==> flow/design.v <==
module ex_data_mux (aclk, src_in, addr_in, dout_out);
    parameter integer DATA_W = 20;
    parameter integer NUM = 4;
    localparam integer LOGN = $clog2(NUM);
    input aclk;
    input [NUM*DATA_W-1:0] src_in;
    input [LOGN-1:0] addr_in;
    output [DATA_W-1:0] dout_out;
    reg [NUM*DATA_W-1:0] src_d1;
    always @(posedge aclk)
        src_d1 <= src_in;
    reg [LOGN-1:0] addr_d1;
    always @(posedge aclk)
        addr_d1 <= addr_in;
    assign dout_out = src_d1[addr_d1*DATA_W +: DATA_W];
endmodule
======== Reports on ex_data_mux ========
What the tools print for ex_data_mux, step after step.
Line numbers count from 1 in the design file above.
Operators carry their Yosys type and port widths (W data, S select, Z words).
Library cell names are shortened.
Not given: --
inputs
  top module .............................. ex_data_mux
  clock port .............................. aclk
  library ................................. sky130hd
  timing corner ........................... tt_025C_1v80

======== Word level ========
Counts by Yosys on the flattened word-level netlist (proc, flatten, opt, wreduce; memories kept). Register bits leave out memories and registers merged into their read ports (data or address); mux counts leave out enables and synchronous resets folded into registers. Print and check cells are left out. Cells with the same type and inputs are merged into one.
word-level totals
  word-level cells ........................ 4
  output and inout port bits .............. 20
  input bits .............................. 83
  register bits ........................... 82
cells by class
  shift-type cells ........................ 1
  $mul .................................... 1
operators with widths
  kind                   count
  $shiftx A80 B8 Y20     1
  $mul A2 B3 Y5 const B  1

======== Longest topological paths ========
Depth = most cells in a row (Yosys ltp): at word level without a register or memory, in the mapped netlist without a sequential cell, where the memories' decode and read muxes count.
logic depth
  word-level depth ........................ 2
  ABC_AREA ................................ 0
  depth in mapped cells ................... 2
  mapped depth without buffers ............ 1

======== Mapped cells and area ========
Yosys stat after the flow's synthesis: flattened, memories mapped to cells. It holds for the ABC_AREA given above (unset counts as 0); a run with the other value may have another netlist.
Totals and module areas in this step are rounded.
cell types
  cell type  count  area in all (sq um)
  dfxtp_1    82     1.64E+03
  mux4_2     20     450.432
  buf_6      2      22.522
  buf_2      2      10.01
mapped netlist
  buffer cells ............................ 4
  flip-flops .............................. 82
  mapped area ............................. 2120 sq um
  cell count .............................. 106
  sequential part of the area ............. 1640 sq um

======== Worst setup path after synthesis ========
Path of least setup slack by OpenSTA after synthesis, without wires, with an ideal clock, recovery checks aside; 20% of the period is set as input and as output delay. Where synthesis merged equal registers, the netlist keeps one of their names.
path post-synthesis
  kind .................................... register -> output
  from .................................... register addr_d1[0]
  to ...................................... output port dout_out[0]
  period .................................. 1640 ps
  external output delay ................... 328 ps
  data required time ...................... 1312 ps
  arrival ................................. 1052 ps
  slack ................................... 260 ps
  stages .................................. 3
  delay of the path ....................... 1052 ps
  path buffers ............................ 1
  launch time at the first pin ............ 0 ps
  synthesis period reached ................ 1380 ps
"delay of the path" = arrival - input delay + setup time.
At an output port there is no setup time.
"stages" counts driving pins, that of a launching flip-flop among them; a cell with two outputs on the path counts twice.
"synthesis period reached" is the clock period less the worst setup slack; recovery checks do not enter. This is arithmetic on one report: input and output delays are still those of the set period (20% each).
The rows between start and end are the longest chain of elaborated cells between them; the timing report does not say that the signal goes this way. Where chains are equally long, one stands for them.
A line is the first line of the expression or statement that the cell stems from. Yosys adds cells for indexed reads and writes and turns some case tables into memories.
on the way, post-synthesis
  cells stage by stage .................... dfxtp_1 -> buf_6 -> mux4_2
  cells in the longest elaborated chain ... 2
  elaborated cells between the ends (all ways) .. 2
  source lines of those cells ............. 1
  those cells by class .................... 1 x mul; 1 x shift
RTL lines, path post-synthesis
  element             line  source
  from (decl)         12    reg [LOGN-1:0] addr_d1;
  from (assign)       14    addr_d1 <= addr_in;
  $mul A2 B3 Y5       15    assign dout_out = src_d1[addr_d1*DATA_W +: DATA_W];
  $shiftx A80 B8 Y20  15
  to (decl)           8     output [DATA_W-1:0] dout_out;

======== Worst path after layout ========
Path of least setup slack in the final report of entry A (OpenROAD, finished layout, wires in). Where an end is a register, its clock arrival counts in the times.
The path's times are printed in steps of 10 ps; the period is the one set.
path post-layout
  kind .................................... register -> output
  from .................................... register addr_d1[0]
  to ...................................... output port dout_out[12]
  path buffers ............................ 2
  launch time at the first pin ............ 340 ps
  data required time ...................... 1310 ps
  stages .................................. 4
  external output delay ................... 330 ps
  arrival ................................. 1540 ps
  period .................................. 1640 ps
  slack ................................... -220 ps
The rows between start and end are the longest chain of elaborated cells between them; the timing report does not say that the signal goes this way. Where chains are equally long, one stands for them.
on the way, post-layout
  cells stage by stage .................... dfxtp_4 -> buf_8 -> mux4_2 -> buf_2
  cells in the longest elaborated chain ... 2
  elaborated cells between the ends (all ways) .. 2
  source lines of those cells ............. 1
  those cells by class .................... 1 x mul; 1 x shift
RTL lines, path post-layout
  element             line  source
  from (decl)         12    reg [LOGN-1:0] addr_d1;
  from (assign)       14    addr_d1 <= addr_in;
  $mul A2 B3 Y5       15    assign dout_out = src_d1[addr_d1*DATA_W +: DATA_W];
  $shiftx A80 B8 Y20  15
  to (decl)           8     output [DATA_W-1:0] dout_out;

# Flow runs of ex_data_mux

3 stored runs of ex_data_mux in the flow (synthesis by Yosys, layout by OpenROAD, sky130hd cells), in arbitrary order. Constraints: input delay and output delay 20% of the set period each, output load 0.01 pF.
"worst path time" is the time allowed to the run's worst setup path (the clock period less input and output delay, where it has them) less its slack. Clock arrival times count: a late capture clock shortens it, a late launch clock lengthens it.
"total design power" is the tool's figure for a default switching activity; nothing was simulated.
"worst path time" is known to 10 ps.
Values from the reports are rounded here.

======== entry A ========
==> flow/run.sh <==
#!/bin/bash
# the make line also repeats the synthesis and layout settings of config.mk as NAME=value (left out here)
make -C /OpenROAD-flow-scripts/flow DESIGN_CONFIG=/design/flow/config.mk WORK_HOME=/design/flow/orfs CLKGATE_MAP_FILE= finish
==> flow/config.mk <==
export PLATFORM = sky130hd
export DESIGN_NAME = ex_data_mux
export DESIGN_NICKNAME = ex_data_mux
export VERILOG_FILES = /design/flow/design.v
export SDC_FILE = /design/flow/constraint.sdc
export NUM_CORES = 4
export LEC_CHECK = 0
export CAP_MARGIN = 20
export CORE_MARGIN = 2
export CORE_UTILIZATION = 40
export SLEW_MARGIN = 20
==> flow/constraint.sdc <==
create_clock -name core_clock -period 1.64 [get_ports {aclk}]
set_input_delay 0.3280 -clock core_clock [delete_from_list [all_inputs] [get_ports {aclk}]]
set_output_delay 0.3280 -clock core_clock [all_outputs]
set_load 0.01 [all_outputs]

-------- measured, entry A --------
  post-route utilization .................. 0.675
  total negative slack on setup checks .... -4160 ps
  standard-cell area of the final layout .. 3450 sq um
  area inside the die boundary ............ 5910 sq um
  total design power ...................... 3.81 mW
  post-synthesis cell area ................ 2120 sq um
  worst path time ......................... 1540 ps
  kind of the worst setup path ............ register -> output
  lowest setup slack ...................... -223 ps
  post-route worst hold slack ............. 414 ps

======== entry B ========
==> flow/run.sh <==
#!/bin/bash
# the make line also repeats the synthesis and layout settings of config.mk as NAME=value (left out here)
make -C /OpenROAD-flow-scripts/flow DESIGN_CONFIG=/design/flow/config.mk WORK_HOME=/design/flow/orfs CLKGATE_MAP_FILE= finish
==> flow/config.mk <==
export PLATFORM = sky130hd
export DESIGN_NAME = ex_data_mux
export DESIGN_NICKNAME = ex_data_mux
export VERILOG_FILES = /design/flow/design.v
export SDC_FILE = /design/flow/constraint.sdc
export NUM_CORES = 4
export LEC_CHECK = 0
export ABC_AREA = 1
export CAP_MARGIN = 40
export CORE_ASPECT_RATIO = 1.53
export CORE_MARGIN = 2
export CORE_UTILIZATION = 42
export CTS_CLUSTER_DIAMETER = 270
export GPL_TIMING_DRIVEN = 0
export HOLD_SLACK_MARGIN = 0.26
export SLEW_MARGIN = 20
export TNS_END_PERCENT = 50
==> flow/constraint.sdc <==
create_clock -name core_clock -period 1.03 [get_ports {aclk}]
set_input_delay 0.2060 -clock core_clock [delete_from_list [all_inputs] [get_ports {aclk}]]
set_output_delay 0.2060 -clock core_clock [all_outputs]
set_load 0.01 [all_outputs]

-------- measured, entry B --------
  post-synthesis cell area ................ 2630 sq um
  standard-cell area of the final layout .. 4250 sq um
  total negative slack on setup checks .... -10200 ps
  total design power ...................... 6.53 mW
  post-route worst hold slack ............. 288 ps
  post-route utilization .................. 0.702
  area inside the die boundary ............ 6930 sq um
  lowest setup slack ...................... -563 ps
  worst path time ......................... 1390 ps
  kind of the worst setup path ............ register -> output

======== entry C ========
==> flow/run.sh <==
#!/bin/bash
# the make line also repeats the synthesis and layout settings of config.mk as NAME=value (left out here)
make -C /OpenROAD-flow-scripts/flow DESIGN_CONFIG=/design/flow/config.mk WORK_HOME=/design/flow/orfs CLKGATE_MAP_FILE= finish
==> flow/config.mk <==
export PLATFORM = sky130hd
export DESIGN_NAME = ex_data_mux
export DESIGN_NICKNAME = ex_data_mux
export VERILOG_FILES = /design/flow/design.v
export SDC_FILE = /design/flow/constraint.sdc
export NUM_CORES = 4
export LEC_CHECK = 0
export CAP_MARGIN = 20
export CELL_PAD_IN_SITES_GLOBAL_PLACEMENT = 0
export CORE_ASPECT_RATIO = 0.85
export CORE_MARGIN = 4
export CORE_UTILIZATION = 38
export CTS_CLUSTER_DIAMETER = 200
export CTS_CLUSTER_SIZE = 85
export GPL_TIMING_DRIVEN = 0
export MAX_ROUTING_LAYER = met4
export MIN_ROUTING_LAYER = met1
export PLACE_DENSITY_LB_ADDON = 0.01
export SLEW_MARGIN = 20
==> flow/constraint.sdc <==
create_clock -name core_clock -period 2.47 [get_ports {aclk}]
set_input_delay 0.4940 -clock core_clock [delete_from_list [all_inputs] [get_ports {aclk}]]
set_output_delay 0.4940 -clock core_clock [all_outputs]
set_load 0.01 [all_outputs]

-------- measured, entry C --------
  post-route utilization .................. 0.659
  lowest setup slack ...................... 97 ps
  standard-cell area of the final layout .. 3480 sq um
  post-synthesis cell area ................ 2120 sq um
  total design power ...................... 2.73 mW
  area inside the die boundary ............ 6850 sq um
  post-route worst hold slack ............. 590 ps
  total negative slack on setup checks .... 0 ps
  worst path time ......................... 1880 ps
  kind of the worst setup path ............ register -> output
